==> flow/design.v <==
module reg_file #(
   parameter ENTRIES = 48,
   parameter WIDTH = 2,
   parameter ADDR_W = $clog2(ENTRIES)
) (
   input logic clock,
   input logic i_rst,
   input logic wen_i,
   input logic [ADDR_W-1:0] wr_addr_i,
   input logic [WIDTH-1:0] d_i,
   input logic [ADDR_W-1:0] read_addr0_i,
   input logic [ADDR_W-1:0] read_addr1_i,
   output logic [WIDTH-1:0] rdata0_o,
   output logic [WIDTH-1:0] rdata1_o
);
   logic [WIDTH-1:0] gpr [ENTRIES-1:0];
   always_ff @(posedge clock) begin
      if (i_rst) begin
         for (int n = 0; n < ENTRIES; n++)
            gpr[n] <= 0;
      end else if (wen_i) begin
         gpr[wr_addr_i] <= d_i;
      end
   end
   logic [WIDTH-1:0] rdata0_r;
   always_ff @(posedge clock) begin
      if (i_rst) begin
         rdata0_r <= 0;
      end else begin
         rdata0_r <= gpr[read_addr0_i];
      end
   end
   assign rdata0_o = rdata0_r;
   logic [WIDTH-1:0] rdata1_r;
   always_ff @(posedge clock) begin
      if (i_rst) begin
         rdata1_r <= 0;
      end else begin
         rdata1_r <= gpr[read_addr1_i];
      end
   end
   assign rdata1_o = rdata1_r;
endmodule
Reports on reg_file
Tool output for the design above, in the order of the flow.
Line numbers count from 1 in the design file above.
Operators: Yosys type, input widths -> output width; for muxes data width and select width s.
Cell names lack the library's common part.
The mark n/a stands for no value.
- top: reg_file
- clock: clock
- cell library: sky130hd
- corner: tt_025C_1v80

Elaborated design
Counts by Yosys on the flattened word-level netlist (proc, flatten, opt, wreduce; memories kept). Register bits leave out memories and registers merged into their read ports (data or address); mux counts leave out enables and synchronous resets folded into registers. Print and check cells are left out. Cells with the same type and inputs are merged into one.
Memory sizes are those after Yosys's memory passes, which may raise the word count (mostly to a power of two), join words into wider ones and drop unused or constant bits.
- muxes and demuxes: 7
- operators with widths (kind ; number):
    $mux 6 ; 2
    $mux 2 ; 2
    $mux 1 ; 3
- register bits: 0
- RAM bits at 128
- memories: 1
- input port bits at 23
- noted output and inout port bits: 4
- elaborated cells at 8
- memories (memory ; depth ; bits a word ; line ; RTL):
    gpr ; 64 ; 2 ; 16 ; logic [WIDTH-1:0] gpr [ENTRIES-1:0];

Depth
Longest topological path by Yosys (ltp), each cell counted once; first at word level (registers and memories cut), then after technology mapping (sequential cells cut; the memories' decode and read muxes count).
- noted depth after elaboration: 2
- ABC_AREA at 0
- noted gate-level depth with buffers: 8

Netlist
Source: synth_stat.txt of the flow (Yosys; design flattened, memories mapped). It holds for the ABC_AREA given above (unset counts as 0); a run with the other value may have another netlist.
- cell types (type ; number ; total area (µm²)):
    edfxtp_1 ; 128 ; 3.84E+03
    mux4_2 ; 38 ; 855.821
    and3_1 ; 96 ; 600.576
    mux4_1 ; 22 ; 578.054
    a21o_1 ; 48 ; 360.346
    clkbuf_1 ; 35 ; 131.376
    nor2_1 ; 35 ; 131.376
    mux2_2 ; 10 ; 112.608
    buf_2 ; 17 ; 85.082
    dfxtp_1 ; 4 ; 80.077
    mux2i_1 ; 8 ; 80.077
    nand2_1 ; 19 ; 71.318
    o221ai_1 ; 6 ; 52.55
    nand3b_1 ; 6 ; 45.043
    buf_12 ; 2 ; 40.038
    nor2b_1 ; 6 ; 37.536
    nand3_1 ; 7 ; 35.034
    nor3_1 ; 7 ; 35.034
Other cell types: 25; their cells: 60.
- cell count at 554
- chip area (Yosys) at 7618.6 µm²
- sequential area: 3923.8 µm²
- flip-flops at 132
- buffer cells at 62

Timing after synthesis
Path of least setup slack by OpenSTA after synthesis, without wires, with an ideal clock, recovery checks aside; 20% of the period is set as input and as output delay. Where synthesis merged equal registers, the netlist keeps one of their names.
- kind: input port to flip-flop
- from: in i_rst
- to: mem (name not given)
- period: 2.36 ns
- setup time at 0.311 ns
- noted launch time at the first pin: 0.472 ns
- noted arrival time: 1.669 ns
- noted required time: 2.049 ns
- noted slack: 0.380 ns
- delay of the path at 1.508 ns
- driving pins on the path at 6
- path buffers: 2
- noted synthesis period reached: 1.98 ns
"delay of the path" is the arrival time less input delay plus setup time.
"driving pins on the path" counts driving pins, that of a launching flip-flop among them; a cell with two outputs on the path counts twice.
"synthesis period reached" is the clock period less the worst setup slack; recovery checks do not enter. This is arithmetic on one report: input and output delays are still those of the set period (20% each).
Between the ends stands the longest chain of elaborated cells between them, by number of cells; it is not shown to be the way that was timed. Of several equally long chains one is given.
A line is the first line of the expression or statement that the cell stems from. Yosys adds cells for indexed reads and writes and turns some case tables into memories.
The path ends at the enable pin of a flip-flop; only ways to that pin are counted.
- cell sequence: clkbuf_1 nand3b_1 nor2_1 buf_2 inv_1 nor2_1
- cells in the longest elaborated chain at 1
- RTL lines, path after synthesis (element ; line ; RTL):
    start: declaration ; 7 ; input logic i_rst,
    $mux 6 ; 18 ; if (i_rst) begin

Timing after layout
Path of least setup slack in the final report of flow run A (OpenROAD, finished layout, wires in). Where an end is a register, its clock arrival counts in the times.
- kind: input port to flip-flop
- from: in wr_addr_i[1]
- to: mem gpr[22][0]
- period: 2.49 ns
- setup time at 0.13 ns
- noted launch time at the first pin: 0.50 ns
- noted arrival time: 2.04 ns
- noted required time: 2.78 ns
- noted slack: 0.74 ns
- driving pins on the path at 6
- path buffers: 3
Between the ends stands the longest chain of elaborated cells between them, by number of cells; it is not shown to be the way that was timed. Of several equally long chains one is given.
- cell sequence: clkdlybuf4s50_1 nand2_1 nor2_4 buf_4 buf_16 and3_1
- cells in the longest elaborated chain at 2
- RTL lines, path post-layout (element ; line ; RTL):
    start: declaration ; 9 ; input logic [ADDR_W-1:0] wr_addr_i,
    $mux 6 ; 21 ; end else if (wen_i) begin
    $mux 6 ; 18 ; if (i_rst) begin
    end: declaration ; 16 ; logic [WIDTH-1:0] gpr [ENTRIES-1:0];

## Implementation results

Settings and measured results of 2 stored flow runs for module reg_file (sky130hd), not sorted in any way. The constraints put input and output delay at 20% of the set period each and load the outputs with 0.01 pF.
"clock period reached" means the clock period less the worst setup slack. The figure is calculated, with input and output delays left at 20% of the set period.
By "critical path time" is meant the share of the clock period that the worst setup path is allowed (20% is reserved at inputs, 20% at outputs), minus its slack. Clock arrival times at its registers enter into it.
"total power of the final layout" is the tool's figure for a default switching activity; nothing was simulated.

Flow run A
Settings were period_ns = 2.49; CORE_UTILIZATION = 48; SETUP_SLACK_MARGIN = 0.7; PLACE_DENSITY_LB_ADDON = 0.07; CORE_ASPECT_RATIO = 0.63; ABC_AREA = 0; MIN_ROUTING_LAYER = met1; CAP_MARGIN = 20; CORE_MARGIN = 2; SLEW_MARGIN = 20
- noted the synthesized cell area: 7618.6 µm²
- noted the die size: 16922.6 µm²
- noted the worst hold slack in the final report: 0.525 ns
- total negative slack on setup checks: 0.000 ns
- standard-cell area after layout at 9510.4 µm²
- critical path time at 1.25 ns
- worst path kind: input port to flip-flop
- noted the total power of the final layout: 5.956 mW
- noted the clock period reached: 1.746 ns
- worst setup slack after layout at 0.744 ns

Flow run B
Settings were period_ns = 2.36; CAP_MARGIN = 20; CORE_MARGIN = 2; CORE_UTILIZATION = 40; SLEW_MARGIN = 20
- critical path time at 1.61 ns
- worst path kind: input port to flip-flop
- total negative slack on setup checks: 0.000 ns
- worst setup slack after layout at 0.274 ns
- noted the die size: 20166.8 µm²
- noted the total power of the final layout: 5.916 mW
- standard-cell area after layout at 9043.7 µm²
- noted the worst hold slack in the final report: 0.700 ns
- noted the clock period reached: 2.086 ns
- noted the synthesized cell area: 7618.6 µm²
